==> flow/design.v <==
module subtractor_stage #(
   parameter BITS = 5
) (
   input wire sys_clk,
   input wire [BITS-1:0] dataa,
   input wire [BITS-1:0] datab,
   input wire subtract,
   output reg [BITS-1:0] result,
   output reg cout
);
   reg [BITS-1:0] dataa_d1;
   always @(posedge sys_clk) begin
      dataa_d1 <= dataa;
   end
   reg [BITS-1:0] datab_d1;
   always @(posedge sys_clk) begin
      datab_d1 <= datab;
   end
   reg subtract_d1;
   always @(posedge sys_clk) begin
      subtract_d1 <= subtract;
   end
   wire [BITS-1:0] aux;
   assign aux = datab_d1 ^ {BITS{subtract_d1}};
   wire [BITS:0] cur;
   assign cur = dataa_d1 + aux + subtract_d1;
   always @(posedge sys_clk) begin
      result <= cur[BITS-1:0];
   end
   always @(posedge sys_clk) begin
      cout <= cur[BITS];
   end
endmodule
Reports on subtractor_stage
Tool output for the design above, in the order of the flow.
Lines are those of the file above, counted from 1.
{ "setup": {"design": "subtractor_stage", "clock_port": "sys_clk", "library": "sky130hd", "corner": "tt_025C_1v80"} }

Elaborated design
Source: Yosys, flattened and elaborated, memories not mapped. Widths are those after wreduce; folded enables and synchronous resets count as part of the registers. Registers that Yosys merges into a memory's read port (data or address) are not register bits. Print and check cells do not count. Equal cells are merged and count once.
{ "word_totals": {"ff_bits": 17} }
{ "op_classes": {"addsub": 2, "bitwise": 1} }
{ "op_table": {"columns": ["op", "n"], "rows": [
  ["adder 5 x 5 -> 6 bit", 1],
  ["adder 6 x 1 -> 6 bit", 1],
  ["XOR 5 bit", 1]
]} }

Depth
Yosys ltp: most cells in a row. Word level: on the elaborated netlist, between registers, memories and ports. Mapped: between sequential cells and ports; inverters and the memories' decode and read muxes count.
{ "depth": {"word_depth": 3, "abc_area": 0, "depth_mapped": 7, "depth_no_buf": 6} }

Netlist
The flow's flattened synthesis, as Yosys stat reports it; memories are mapped. The netlist is that of the ABC_AREA named above (0 if unset); the other value can give another one.
The area totals of this step are shown rounded.
{ "synth_totals": {"sequential_area_um2": 340, "stdcells": 46, "mapped_area_um2": 581, "ffs": 17} }
{ "types": {"columns": ["cell_type", "n"], "rows": [
  ["sky130_fd_sc_hd__dfxtp_1", 17],
  ["sky130_fd_sc_hd__ha_1", 5],
  ["sky130_fd_sc_hd__xor2_1", 6],
  ["sky130_fd_sc_hd__fa_1", 1],
  ["sky130_fd_sc_hd__xnor2_1", 2],
  ["sky130_fd_sc_hd__buf_6", 1],
  ["sky130_fd_sc_hd__inv_1", 3],
  ["sky130_fd_sc_hd__a21oi_1", 2],
  ["sky130_fd_sc_hd__mux2i_1", 1],
  ["sky130_fd_sc_hd__o31ai_1", 1],
  ["sky130_fd_sc_hd__a31oi_1", 1],
  ["sky130_fd_sc_hd__nor2b_1", 1],
  ["sky130_fd_sc_hd__or2_1", 1],
  ["sky130_fd_sc_hd__or2_2", 1],
  ["sky130_fd_sc_hd__o21ai_1", 1],
  ["sky130_fd_sc_hd__nand2_1", 1],
  ["sky130_fd_sc_hd__nor2_1", 1]
]} }

Path before layout
OpenSTA on the mapped netlist: ideal clock, no wires. The path of least setup slack (recovery checks aside). Input and output delay are each 20% of the period. Register names are those of the netlist, which keeps one name where synthesis merged equal registers.
{ "synth_timing": {"path_type": "reg2reg", "startpoint": "register subtract_d1", "endpoint": "register result[4]", "n_path_buf": 1, "setup_ps": 123, "arrival_time_ps": 1376, "path_slack_ps": 371, "stages": 8, "delay_ps": 1499, "required_time_ps": 1747, "t_first_pin_ps": 0, "clock_period_ps": 1870, "period_less_setup_slack_ps": 1499} }
"delay_ps" = arrival - input delay + setup time.
"stages" counts driving pins, that of a launching flip-flop among them; a cell with two outputs on the path counts twice.
"period_less_setup_slack_ps" = period - worst setup slack (recovery checks aside). The figure is calculated, with input and output delays left at 20% of the set period.
Between the ends stands the longest chain of elaborated cells between them, by number of cells; it is not shown to be the way that was timed. Of several equally long chains one is given.
Each line given opens the expression or statement behind the cell; cells for indexed reads and writes are added by Yosys, which also makes memories of some case tables.
{ "synth_via": {"path_cell_list": "sky130_fd_sc_hd__dfxtp_1 -> sky130_fd_sc_hd__buf_6 -> sky130_fd_sc_hd__xor2_1 -> sky130_fd_sc_hd__inv_1 -> sky130_fd_sc_hd__fa_1 -> sky130_fd_sc_hd__nor2b_1 -> sky130_fd_sc_hd__o31ai_1 -> sky130_fd_sc_hd__xnor2_1", "elab_chain_len": 3, "cone_cells": 3, "cone_classes": "add/sub: 2; logic: 1"} }
{ "synth_lines": {"columns": ["item", "line_no", "rtl"], "rows": [
  ["from (decl)", 19, "reg subtract_d1;"],
  ["from (assign)", 21, "subtract_d1 <= subtract;"],
  ["XOR 5 bit", 24, "assign aux = datab_d1 ^ {BITS{subtract_d1}};"],
  ["adder 5 x 5 -> 6 bit", 26, "assign cur = dataa_d1 + aux + subtract_d1;"],
  ["adder 6 x 1 -> 6 bit", 26, null],
  ["to (assign)", 28, "result <= cur[BITS-1:0];"],
  ["to (decl)", 8, "output reg [BITS-1:0] result,"]
]} }

Path in the finished layout
Path of least setup slack in the final report of run 1 (OpenROAD, finished layout, wires in). Where an end is a register, its clock arrival counts in the times.
The report prints the path's times to 10 ps; the period is as set.
{ "layout_timing": {"path_type": "reg2reg", "startpoint": "register subtract_d1", "endpoint": "register result[4]", "clock_period_ps": 1290, "t_first_pin_ps": 280, "required_time_ps": 1470, "path_slack_ps": -210, "stages": 7, "setup_ps": 100, "arrival_time_ps": 1680, "n_path_buf": 0} }
Between the ends stands the longest chain of elaborated cells between them, by number of cells; it is not shown to be the way that was timed. Of several equally long chains one is given.
{ "layout_via": {"path_cell_list": "sky130_fd_sc_hd__dfxtp_4 -> sky130_fd_sc_hd__xor2_2 -> sky130_fd_sc_hd__inv_1 -> sky130_fd_sc_hd__fa_2 -> sky130_fd_sc_hd__nor2b_2 -> sky130_fd_sc_hd__o31ai_2 -> sky130_fd_sc_hd__xnor2_1", "elab_chain_len": 3, "cone_cells": 3, "cone_classes": "add/sub: 2; logic: 1"} }
{ "layout_lines": {"columns": ["item", "line_no", "rtl"], "rows": [
  ["from (decl)", 19, "reg subtract_d1;"],
  ["from (assign)", 21, "subtract_d1 <= subtract;"],
  ["XOR 5 bit", 24, "assign aux = datab_d1 ^ {BITS{subtract_d1}};"],
  ["adder 5 x 5 -> 6 bit", 26, "assign cur = dataa_d1 + aux + subtract_d1;"],
  ["adder 6 x 1 -> 6 bit", 26, null],
  ["to (assign)", 28, "result <= cur[BITS-1:0];"],
  ["to (decl)", 8, "output reg [BITS-1:0] result,"]
]} }

Below are 3 stored runs of the flow (Yosys, OpenROAD; platform sky130hd) on subtractor_stage, each with its settings and what was measured, unordered. Constraints: input delay and output delay 20% of the set period each, output load 0.01 pF.
"worst_path_ps" is the time allowed to the run's worst setup path (the clock period less input and output delay, where it has them) less its slack. Clock arrival times count: a late capture clock shortens it, a late launch clock lengthens it.
"worst_path_ps" is given in steps of 10 ps.
The results are shown rounded.
[
  {
    "run": "run 1",
    "settings": { "period_ns": 1.29, "CORE_UTILIZATION": 38, "PLACE_DENSITY_LB_ADDON": 0.14, "CORE_ASPECT_RATIO": 1.52, "CORE_MARGIN": 4, "CELL_PAD_IN_SITES_DETAIL_PLACEMENT": 1, "TNS_END_PERCENT": 40, "GPL_TIMING_DRIVEN": 0, "CTS_CLUSTER_SIZE": 55, "CAP_MARGIN": 30, "MAX_ROUTING_LAYER": "met4", "SLEW_MARGIN": 20 },
    "results": { "yosys.chip_area_um2": 581, "final_die_area_um2": 2230, "fin_util_pct": 60.6, "final_setup_ws_ps": -207, "tns_ps": -624, "holdWs_ps": 399, "worst_path_ps": 1500, "timing.worst_path_kind": "reg2reg" }
  },
  {
    "run": "run 2",
    "settings": { "period_ns": 1.88, "CORE_UTILIZATION": 61, "SETUP_SLACK_MARGIN": 0.25, "PLACE_DENSITY": 0.77, "CELL_PAD_IN_SITES_GLOBAL_PLACEMENT": 2, "CELL_PAD_IN_SITES_DETAIL_PLACEMENT": 0, "TNS_END_PERCENT": 80, "GPL_TIMING_DRIVEN": 0, "CAP_MARGIN": 20, "MIN_ROUTING_LAYER": "met2", "CORE_MARGIN": 2, "SLEW_MARGIN": 20 },
    "outcome": "no final report: placement broke off with GPL-0301"
  },
  {
    "run": "run 3",
    "settings": { "period_ns": 1.87, "CAP_MARGIN": 20, "CORE_MARGIN": 2, "CORE_UTILIZATION": 40, "SLEW_MARGIN": 20 },
    "results": { "yosys.chip_area_um2": 581, "final_die_area_um2": 1770, "fin_util_pct": 58.8, "final_setup_ws_ps": 207, "tns_ps": 0, "holdWs_ps": 464, "worst_path_ps": 1660, "timing.worst_path_kind": "reg2reg" }
  }
]
